==> flow/design.v <==
module sync_mul_unit_mod (ck, RSTN, step, a, b, res);
    parameter DATA_WIDTH = 5;
    parameter NUM = 4;
    localparam RW = 2*DATA_WIDTH + $clog2(NUM);
    input ck;
    input RSTN;
    input step;
    input [NUM*DATA_WIDTH-1:0] a;
    input [NUM*DATA_WIDTH-1:0] b;
    output [RW-1:0] res;
    reg [RW-1:0] t;
    integer i;
    always @(*) begin
        t = 0;
        for (i = 0; i < NUM; i = i + 1)
            t = t + a[i*DATA_WIDTH +: DATA_WIDTH] * b[i*DATA_WIDTH +: DATA_WIDTH];
    end
    reg [RW-1:0] res_ff;
    always @(posedge ck or negedge RSTN) begin
        if (~RSTN) begin
            res_ff <= 0;
        end else if (step) begin
            res_ff <= t;
        end
    end
    assign res = res_ff;
endmodule
==> reports on sync_mul_unit_mod <==
* Tool chain data of sync_mul_unit_mod
Tool output for the members of one design family, told apart by "DATA_WIDTH", in the order of the flow.
The file above is the member DATA_WIDTH = 5. Line numbers count from 1 in each member's own file.
Operators: Yosys type, input widths -> output width; for muxes data width and select width s.
Library cell names are shortened.
Not given: --
- Design top :: sync_mul_unit_mod
- Clock port :: ck
- Standard-cell library :: sky130hd
- Corner :: tt_025C_1v80

* Members of the sweep
New or changed lines of each further member against the RTL above, in its own file; lines it lacks are not shown.
** New or changed lines
- DATA_WIDTH 7 :: RTL line 2 : parameter DATA_WIDTH = 7;
- DATA_WIDTH 8 :: RTL line 2 : parameter DATA_WIDTH = 8;
- DATA_WIDTH 10 :: RTL line 2 : parameter DATA_WIDTH = 10;
- DATA_WIDTH 11 :: RTL line 2 : parameter DATA_WIDTH = 11;
- DATA_WIDTH 12 :: RTL line 2 : parameter DATA_WIDTH = 12;

* Word-level counts
Counts by Yosys on the flattened word-level netlist (proc, flatten, opt, wreduce; memories kept). Register bits leave out memories and registers merged into their read ports (data or address); mux counts leave out enables and synchronous resets folded into registers. Print and check cells are left out. Cells with the same type and inputs are merged into one.
** Storage and ports
- DATA_WIDTH 5 :: word-level cells 8, output and inout port bits 12, bits of input ports 43, register bits 12
- DATA_WIDTH 7 :: word-level cells 8, output and inout port bits 16, bits of input ports 59, register bits 16
- DATA_WIDTH 8 :: word-level cells 8, output and inout port bits 18, bits of input ports 67, register bits 18
- DATA_WIDTH 10 :: word-level cells 8, output and inout port bits 22, bits of input ports 83, register bits 22
- DATA_WIDTH 11 :: word-level cells 8, output and inout port bits 24, bits of input ports 91, register bits 24
- DATA_WIDTH 12 :: word-level cells 8, output and inout port bits 26, bits of input ports 99, register bits 26
** Cells by class
- DATA_WIDTH 5 :: add/subtract/negate cells 3, multipliers 4
- DATA_WIDTH 7 :: add/subtract/negate cells 3, multipliers 4
- DATA_WIDTH 8 :: add/subtract/negate cells 3, multipliers 4
- DATA_WIDTH 10 :: add/subtract/negate cells 3, multipliers 4
- DATA_WIDTH 11 :: add/subtract/negate cells 3, multipliers 4
- DATA_WIDTH 12 :: add/subtract/negate cells 3, multipliers 4
** Operators with widths (kinds with counts)
- DATA_WIDTH 5 :: $mul 5x5->10: 4; $add 11x10->12: 1; $add 12x10->12: 1; $add 10x10->11: 1
- DATA_WIDTH 7 :: $mul 7x7->14: 4; $add 15x14->16: 1; $add 16x14->16: 1; $add 14x14->15: 1
- DATA_WIDTH 8 :: $mul 8x8->16: 4; $add 17x16->18: 1; $add 18x16->18: 1; $add 16x16->17: 1
- DATA_WIDTH 10 :: $mul 10x10->20: 4; $add 21x20->22: 1; $add 22x20->22: 1; $add 20x20->21: 1
- DATA_WIDTH 11 :: $mul 11x11->22: 4; $add 23x22->24: 1; $add 24x22->24: 1; $add 22x22->23: 1
- DATA_WIDTH 12 :: $mul 12x12->24: 4; $add 25x24->26: 1; $add 26x24->26: 1; $add 24x24->25: 1

* Depth
Depth = most cells in a row (Yosys ltp): at word level without a register or memory, in the mapped netlist without a sequential cell, where the memories' decode and read muxes count.
** Depth
- DATA_WIDTH 5 :: word-level depth 4, ABC_AREA 0, mapped depth 20, gate-level depth less buffers 19
- DATA_WIDTH 7 :: word-level depth 4, ABC_AREA 0, mapped depth 21, gate-level depth less buffers 21
- DATA_WIDTH 8 :: word-level depth 4, ABC_AREA 0, mapped depth 23, gate-level depth less buffers 23
- DATA_WIDTH 10 :: word-level depth 4, ABC_AREA 0, mapped depth 25, gate-level depth less buffers 24
- DATA_WIDTH 11 :: word-level depth 4, ABC_AREA 0, mapped depth 26, gate-level depth less buffers 25
- DATA_WIDTH 12 :: word-level depth 4, ABC_AREA 0, mapped depth 28, gate-level depth less buffers 26

* Mapped cells and area
Source: synth_stat.txt of the flow (Yosys; design flattened, memories mapped). It holds for the ABC_AREA given above (unset counts as 0); a run with the other value may have another netlist.
** Cell types (type and count)
- DATA_WIDTH 5 :: fa_1: 78; ha_1: 62; and2_1: 70; inv_1: 106; dfrtp_1: 12; nand2_1: 36; o21ai_0: 9; a211oi_1: 5; a21oi_1: 7; mux2_2: 3; nor2_1: 7; nand4_1: 3; o2bb2ai_1: 2; xnor2_1: 2; a21o_1: 2; o211ai_1: 2; o21bai_1: 2; a211oi_2: 1; (+30)
- DATA_WIDTH 7 :: fa_1: 167; ha_1: 92; and2_1: 146; inv_1: 224; dfrtp_1: 16; nand2_1: 57; xnor2_1: 6; mux2_1: 4; mux2_2: 4; a21oi_1: 8; nor2_1: 10; a21oi_4: 2; a21o_1: 4; nand3_1: 6; and3_1: 4; nor3_1: 5; buf_6: 2; o211a_1: 2; (+31)
- DATA_WIDTH 8 :: fa_1: 224; ha_1: 129; inv_1: 300; and2_1: 176; dfrtp_1: 18; nand2_1: 100; mux2_2: 8; a21oi_1: 12; o21a_1: 5; o21ai_0: 7; a211o_1: 3; nor2_1: 7; o2111ai_1: 3; xnor2_1: 3; nand4_1: 4; nor3_1: 5; a21o_1: 3; o211ai_1: 3; (+39)
- DATA_WIDTH 10 :: fa_1: 359; ha_1: 165; inv_1: 430; and2_1: 246; nand2_1: 176; dfrtp_1: 22; clkbuf_1: 49; mux2_2: 12; a21oi_1: 19; nor2_1: 20; xnor2_1: 8; nand3_1: 8; a21o_1: 5; o21ai_0: 7; nor3_1: 6; xor2_1: 3; a211oi_2: 2; nand2b_1: 4; (+41)
- DATA_WIDTH 11 :: fa_1: 439; ha_1: 197; and2_1: 319; inv_1: 526; nand2_1: 183; dfrtp_1: 24; clkbuf_1: 86; mux2_2: 16; a21oi_1: 18; xnor2_1: 10; o21ai_0: 9; xor2_1: 5; nor2_1: 11; buf_4: 5; nand3_1: 6; o21a_1: 4; o221ai_2: 2; a221oi_4: 1; (+57)
- DATA_WIDTH 12 :: fa_1: 529; ha_1: 217; inv_1: 675; and2_1: 296; nand2_1: 312; dfrtp_1: 26; clkbuf_1: 101; a21oi_1: 23; mux2_2: 10; xnor2_1: 12; nand3_1: 14; nor2_1: 17; a21o_1: 8; o21ai_0: 11; o21a_1: 6; and3_1: 7; a211o_1: 4; o211ai_1: 4; (+63)
The mark (+n) counts cells that are not listed.
** Synthesis totals
- DATA_WIDTH 5 :: standard cells after synthesis 439, chip area (Yosys) 4096.4 µm², buffer cells 6, mapped flip-flops 12, sequential part of the area 300.3 µm²
- DATA_WIDTH 7 :: standard cells after synthesis 790, chip area (Yosys) 7516.0 µm², buffer cells 4, mapped flip-flops 16, sequential part of the area 400.4 µm²
- DATA_WIDTH 8 :: standard cells after synthesis 1049, chip area (Yosys) 9869.5 µm², buffer cells 6, mapped flip-flops 18, sequential part of the area 450.4 µm²
- DATA_WIDTH 10 :: standard cells after synthesis 1582, chip area (Yosys) 14725.4 µm², buffer cells 51, mapped flip-flops 22, sequential part of the area 550.5 µm²
- DATA_WIDTH 11 :: standard cells after synthesis 1918, chip area (Yosys) 17885.9 µm², buffer cells 97, mapped flip-flops 24, sequential part of the area 600.6 µm²
- DATA_WIDTH 12 :: standard cells after synthesis 2335, chip area (Yosys) 21135.3 µm², buffer cells 110, mapped flip-flops 26, sequential part of the area 650.6 µm²

* Path before layout
OpenSTA on the mapped netlist: ideal clock, no wires. The path of least setup slack (recovery checks aside). Input and output delay are each 20% of the period. Register names are those of the netlist, which keeps one name where synthesis merged equal registers.
** Path post-synthesis
- DATA_WIDTH 5 :: path kind input port to flip-flop, from input port a[12], to register res_ff[7], stages on the path 18, period 7890 ps, path delay 5047 ps, setup slack 1265 ps, period reached after synthesis 6625 ps
- DATA_WIDTH 7 :: path kind input port to flip-flop, from input port a[2], to register res_ff[14], stages on the path 18, period 8450 ps, path delay 5411 ps, setup slack 1349 ps, period reached after synthesis 7101 ps
- DATA_WIDTH 8 :: path kind input port to flip-flop, from input port a[5], to register res_ff[13], stages on the path 18, period 9030 ps, path delay 5777 ps, setup slack 1447 ps, period reached after synthesis 7583 ps
- DATA_WIDTH 10 :: path kind input port to flip-flop, from input port b[4], to register res_ff[17], stages on the path 21, period 9340 ps, path delay 5979 ps, setup slack 1493 ps, period reached after synthesis 7847 ps
- DATA_WIDTH 11 :: path kind input port to flip-flop, from input port a[4], to register res_ff[20], stages on the path 23, period 10300 ps, path delay 6599 ps, setup slack 1641 ps, period reached after synthesis 8659 ps
- DATA_WIDTH 12 :: path kind input port to flip-flop, from input port b[3], to register res_ff[19], stages on the path 23, period 10200 ps, path delay 6529 ps, setup slack 1631 ps, period reached after synthesis 8569 ps
"path delay" = arrival - input delay + setup time.
"stages on the path" counts driving pins, that of a launching flip-flop among them; a cell with two outputs on the path counts twice.
"period reached after synthesis" is the clock period less the worst setup slack; recovery checks do not enter. This is arithmetic on one report: input and output delays are still those of the set period (20% each).
The rows between start and end are the longest chain of elaborated cells between them; the timing report does not say that the signal goes this way. Where chains are equally long, one stands for them.
A line is the first line of the expression or statement that the cell stems from. Yosys adds cells for indexed reads and writes and turns some case tables into memories.
Between the ends, post-synthesis, DATA_WIDTH = 5:
- Cells in the longest elaborated chain :: 3
** RTL lines, path post-synthesis, DATA_WIDTH = 5
- start, declared :: RTL line 8 : input [NUM*DATA_WIDTH-1:0] a;
- $mul 5x5->10 :: RTL line 16 : t = t + a[i*DATA_WIDTH +: DATA_WIDTH] * b[i*DATA_WIDTH +: DATA_WIDTH];
- $add 11x10->12 :: RTL line 16
- $add 12x10->12 :: RTL line 16
- end, assigned :: RTL line 21 : res_ff <= 0;
- end, assigned :: RTL line 23 : res_ff <= t;
- end, declared :: RTL line 18 : reg [RW-1:0] res_ff;
Between the ends, post-synthesis, DATA_WIDTH = 12:
- Cells in the longest elaborated chain :: 4
** RTL lines, path post-synthesis, DATA_WIDTH = 12
- start, declared :: RTL line 9 : input [NUM*DATA_WIDTH-1:0] b;
- $mul 12x12->24 :: RTL line 16 : t = t + a[i*DATA_WIDTH +: DATA_WIDTH] * b[i*DATA_WIDTH +: DATA_WIDTH];
- $add 24x24->25 :: RTL line 16
- $add 25x24->26 :: RTL line 16
- $add 26x24->26 :: RTL line 16
- end, assigned :: RTL line 21 : res_ff <= 0;
- end, assigned :: RTL line 23 : res_ff <= t;
- end, declared :: RTL line 18 : reg [RW-1:0] res_ff;

* Path in the finished layout
Path of least setup slack in the final report of the run of each member (OpenROAD, finished layout, wires in). Where an end is a register, its clock arrival counts in the times.
The path's times are printed in steps of 10 ps; the period is the one set.
** Path after layout
- DATA_WIDTH 5 :: path kind input port to flip-flop, from input port b[11], to register res_ff[7], buffers on the path 1, stages on the path 19, arrival 7310 ps, period 7890 ps, setup slack 720 ps
- DATA_WIDTH 7 :: path kind input port to flip-flop, from input port a[0], to register res_ff[14], buffers on the path 1, stages on the path 19, arrival 7860 ps, period 8450 ps, setup slack 720 ps
- DATA_WIDTH 8 :: path kind input port to flip-flop, from input port a[26], to register res_ff[13], buffers on the path 1, stages on the path 19, arrival 8320 ps, period 9030 ps, setup slack 850 ps
- DATA_WIDTH 10 :: path kind input port to flip-flop, from input port b[4], to register res_ff[18], buffers on the path 1, stages on the path 22, arrival 8820 ps, period 9340 ps, setup slack 670 ps
- DATA_WIDTH 11 :: path kind input port to flip-flop, from input port a[40], to register res_ff[14], buffers on the path 1, stages on the path 21, arrival 9550 ps, period 10300 ps, setup slack 900 ps
- DATA_WIDTH 12 :: path kind input port to flip-flop, from input port a[42], to register res_ff[18], buffers on the path 1, stages on the path 23, arrival 9840 ps, period 10200 ps, setup slack 560 ps

* Measured runs
Settings and results of one run of the flow (Yosys, OpenROAD) for each member follow. The constraints put input and output delay at 20% of the set period each and load the outputs with 0.01 pF.
- CAP_MARGIN :: 20
- CORE_MARGIN :: 2
- CORE_UTILIZATION :: 40
- SLEW_MARGIN :: 20
** Settings that differ (period_ns)
- DATA_WIDTH 5 :: 7.89
- DATA_WIDTH 7 :: 8.45
- DATA_WIDTH 8 :: 9.03
- DATA_WIDTH 10 :: 9.34
- DATA_WIDTH 11 :: 10.3
- DATA_WIDTH 12 :: 10.2
** Results
- DATA_WIDTH 5 :: setup slack of the worst path 720 ps, cell area after synthesis 4096.4 µm², area of the standard cells in the finished layout 4832.1 µm², full die area 11067.0 µm²
- DATA_WIDTH 7 :: setup slack of the worst path 723 ps, cell area after synthesis 7516.0 µm², area of the standard cells in the finished layout 8608.3 µm², full die area 19902.2 µm²
- DATA_WIDTH 8 :: setup slack of the worst path 850 ps, cell area after synthesis 9869.5 µm², area of the standard cells in the finished layout 11180.7 µm², full die area 25946.8 µm²
- DATA_WIDTH 10 :: setup slack of the worst path 667 ps, cell area after synthesis 14725.4 µm², area of the standard cells in the finished layout 16289.4 µm², full die area 38365.1 µm²
- DATA_WIDTH 11 :: setup slack of the worst path 902 ps, cell area after synthesis 17885.9 µm², area of the standard cells in the finished layout 19502.5 µm², full die area 46423.0 µm²
- DATA_WIDTH 12 :: setup slack of the worst path 558 ps, cell area after synthesis 21135.3 µm², area of the standard cells in the finished layout 23098.4 µm², full die area 54692.8 µm²
